==> flow/design.v <==
module dp_scratch_v2 #(
  parameter int D = 32,
  parameter int DATA_W = 24,
  parameter int IDX_W = $clog2(D)
) (
  input  logic clk,
  input  logic i_wr,
  input  logic [IDX_W-1:0] i_wr_addr,
  input  logic [DATA_W-1:0] i_din,
  input  logic [IDX_W-1:0] i_read_addr_a,
  input  logic [IDX_W-1:0] i_read_addr_b,
  output logic [DATA_W-1:0] o_dout_a,
  output logic [DATA_W-1:0] o_dout_b
);
  logic wr_r;
  logic [IDX_W-1:0] wr_addr_r;
  logic [DATA_W-1:0] din_r;
  logic [DATA_W-1:0] rf [0:D-1];
  always_ff @(posedge clk) begin
    if (wr_r && wr_addr_r != 0)
      rf[wr_addr_r] <= din_r;
  end
  logic [IDX_W-1:0] read_addr_a_r;
  logic [IDX_W-1:0] read_addr_b_r;
  assign o_dout_a = (read_addr_a_r == 0) ? {DATA_W{1'b0}} : rf[read_addr_a_r];
  assign o_dout_b = (read_addr_b_r == 0) ? {DATA_W{1'b0}} : rf[read_addr_b_r];
  always_ff @(posedge clk) begin
    wr_r <= i_wr;
    wr_addr_r <= i_wr_addr;
    din_r <= i_din;
    read_addr_a_r <= i_read_addr_a;
    read_addr_b_r <= i_read_addr_b;
  end
endmodule
Step by step through the tools: dp_scratch_v2
What the tools print for dp_scratch_v2, step after step.
Line numbers count from 1 in the design file above.
Cell names lack the library's common part.
Not given: -

set-up
  design top = dp_scratch_v2
  clock input = clk
  standard-cell library = sky130hd
  corner = tt_025C_1v80

After elaboration
Source: Yosys, flattened and elaborated, memories not mapped. Widths are those after wreduce; folded enables and synchronous resets count as part of the registers. Print and check cells do not count. Equal cells are merged and count once.
Yosys's memory passes give these memory sizes; they may raise the number of words (mostly to a power of two), join words into wider ones and drop unused or constant bits.

word-level totals
  bits in registers = 40
  latch bits = 0
  bits in writable memories = 768
  ROM bits = 0
  word width x clocked read ports = 48
  memories = 1
  input bits = 41
  output and inout bits = 48
  word-level cells = 15

cells by class
  add/subtract/negate cells = 0
  multipliers = 0
  div/mod/pow operators = 0
  order comparisons = 0
  eq/ne operators = 0
  shift-type cells = 0
  mux-type cells = 5
  bitwise operators = 0
  reduce/logical cells = 4

memories
  memory  depth  bits a word  read ports  write ports  RTL line  source
  rf      32     24           2           1            18        logic [DATA_W-1:0] rf [0:D-1];

operators by type and width
  operator            number
  two-way mux 24 bit  3
  zero test 5 bit     2
  nonzero test 5 bit  1
  two-way mux 5 bit   1
  logical AND 1 bit   1
  two-way mux 1 bit   1

Logic depth
Longest topological path by Yosys (ltp), each cell counted once; first at word level (registers and memories cut), then after technology mapping (sequential cells cut; the memories' decode and read muxes count).

logic depth
  word-level depth = 3
  ABC_AREA = 1
  depth in mapped cells = 13
  depth with buffers taken out = 9

Synthesis result
Source: synth_stat.txt of the flow (Yosys; design flattened, memories mapped). It holds for the ABC_AREA given above (unset counts as 0); a run with the other value may have another netlist.

mapped netlist
  mapped cells = 4,540
  mapped area = 0.0399145 mm²
  sequential part of the area = 0.0238629 mm²
  flip-flop cells = 808
  buffers = 318

cell types
  cell type  number  area in all (µm²)
  edfxtp_1   768     2.31E+04
  nand2_1    1,598   6E+03
  nand3_1    675     3,378.24
  nor2_1     549     2.06E+03
  o21ai_0    278     1.39E+03
  buf_2      166     830.797
  dfxtp_1    40      800.768
  a21oi_1    132     660.634
  inv_1      99      371.606
  clkbuf_1   75      281.52
  buf_6      21      236.477
  buf_4      26      195.187
  o21ai_1    34      170.163
  o211ai_1   17      127.622
  buf_1      28      105.101
  o22ai_1    10      62.56
  and3_1     7       43.792
  buf_12     1       20.019

Other cell types: 11; their cells: 16.

Worst setup path after synthesis
OpenSTA on the mapped netlist: ideal clock, no wires. The path of least setup slack (recovery checks aside). Input and output delay are each 20% of the period. Register names are those of the netlist, which keeps one name where synthesis merged equal registers.

timing post-synthesis
  path kind = register to register
  start point = register wr_r
  end point = memory rf[31][0]
  period = 3.0 ns
  library setup time = 0.405 ns
  launch time at the first pin = 0.000 ns
  data arrival time = 1.635 ns
  required time = 2.595 ns
  path slack = 0.960 ns
  delay of the path = 2.040 ns
  driving pins on the path = 3
  buffers on the path = 0
  synthesis period reached = 2.04 ns

"delay of the path" = arrival - input delay + setup time.
"driving pins on the path": output pins that drive a net of the path, with the launching flip-flop's if there is one; two outputs of one cell count as two.
"synthesis period reached" = period - worst setup slack (recovery checks aside). The figure is calculated, with input and output delays left at 20% of the set period.
The rows between start and end are the longest chain of elaborated cells between them; the timing report does not say that the signal goes this way. Where chains are equally long, one stands for them.
A line is the first line of the expression or statement that the cell stems from. Yosys adds cells for indexed reads and writes and turns some case tables into memories.
The path ends at the enable pin of a flip-flop; only ways to that pin are counted.

between the ends, post-synthesis
  path through = dfxtp_1 -> nand3_1 -> nor2_1
  cells in the longest elaborated chain = 2
  elaborated cells on any way between the ends = 3
  RTL lines with such cells = 1
  those cells by class = mux (2); reduce/logical (1)

RTL lines, path post-synthesis
  what                RTL line  source
  start: declaration  15        logic wr_r;
  start: assignment   28        wr_r <= i_wr;
  logical AND 1 bit   20        if (wr_r && wr_addr_r != 0)
  two-way mux 5 bit   20
  end: declaration    18        logic [DATA_W-1:0] rf [0:D-1];

Timing after layout
Path of least setup slack in the final report of run A (OpenROAD, finished layout, wires in). Where an end is a register, its clock arrival counts in the times.

timing after layout
  path kind = register to output
  start point = register read_addr_b_r[0]
  end point = output port o_dout_b[15]
  period = 2.88 ns
  output delay = 0.58 ns
  launch time at the first pin = 0.65 ns
  data arrival time = 2.70 ns
  required time = 2.30 ns
  path slack = -0.40 ns
  driving pins on the path = 15
  buffers on the path = 5

The rows between start and end are the longest chain of elaborated cells between them; the timing report does not say that the signal goes this way. Where chains are equally long, one stands for them.

between the ends, after layout
  path through = dfxtp_4 -> buf_16 -> buf_6 -> clkinv_8 -> buf_4 -> nand2_1 -> nand2_1 -> nand2_1 -> nand3_1 -> nand3_1 -> nand2_2 -> nand2_2 -> nor2_4 -> buf_6 -> buf_6
  cells in the longest elaborated chain = 2
  elaborated cells on any way between the ends = 2
  RTL lines with such cells = 1
  those cells by class = mux (1); reduce/logical (1)

RTL lines, path after layout
  what                RTL line  source
  start: declaration  24        logic [IDX_W-1:0] read_addr_b_r;
  start: assignment   32        read_addr_b_r <= i_read_addr_b;
  zero test 5 bit     26        assign o_dout_b = (read_addr_b_r == 0) ? {DATA_W{1'b0}} : rf[read_addr_b_r];
  two-way mux 24 bit  26
  end: declaration    13        output logic [DATA_W-1:0] o_dout_b

Measured results for dp_scratch_v2: 3 stored runs of the Yosys and OpenROAD flow on sky130hd. The settings differ; the order carries no meaning. The constraints put input and output delay at 20% of the set period each and load the outputs with 0.01 pF.
"reached clock period" is the run's clock period less its worst setup slack. It is reckoned from that one timing run; input and output delays stay at 20% of the period that was set.
"worst setup path time": the worst setup path's part of the clock period (all of it between registers, 20% less for each end at a port) less its slack. A launch clock that arrives late makes it longer, a capture clock that arrives late makes it shorter.
"power" is the tool's figure for a default switching activity; nothing was simulated.
A setting shown as n/a is not set for that run.

setting or result                       run A               run B               run C
period_ns                               2.88                3.0                 2.26
CORE_UTILIZATION                        54                  40                  42
SETUP_SLACK_MARGIN                      0.65                n/a                 n/a
PLACE_DENSITY_LB_ADDON                  0.27                n/a                 0.26
CORE_ASPECT_RATIO                       1.21                n/a                 n/a
CORE_MARGIN                             3                   2                   7
ABC_AREA                                1                   n/a                 0
GPL_TIMING_DRIVEN                       1                   n/a                 1
SLEW_MARGIN                             0                   20                  20
CAP_MARGIN                              20                  20                  5
HOLD_SLACK_MARGIN                       n/a                 n/a                 0.13
TNS_END_PERCENT                         n/a                 n/a                 100
MIN_ROUTING_LAYER                       n/a                 n/a                 met2
MAX_ROUTING_LAYER                       n/a                 n/a                 met4
mapped cell area after synthesis (mm²)  0.0399145           0.0368591           0.0368591
final setup TNS (ns)                    -11.632             -15.007             -49.259
reached clock period (ns)               3.281               3.424               3.433
full die area (mm²)                     0.077229            0.0945932           0.0962489
lowest hold slack (ns)                  0.351               0.407               0.235
power (W)                               0.028289            0.025955            0.036553
utilization                             0.717               0.522               0.572
worst setup path time (ns)              2.70                2.82                2.98
kind of the worst setup path            register to output  register to output  register to output
standard-cell area after routing (mm²)  0.0524028           0.0477458           0.0496914
setup slack of the critical path (ns)   -0.401              -0.424              -1.173
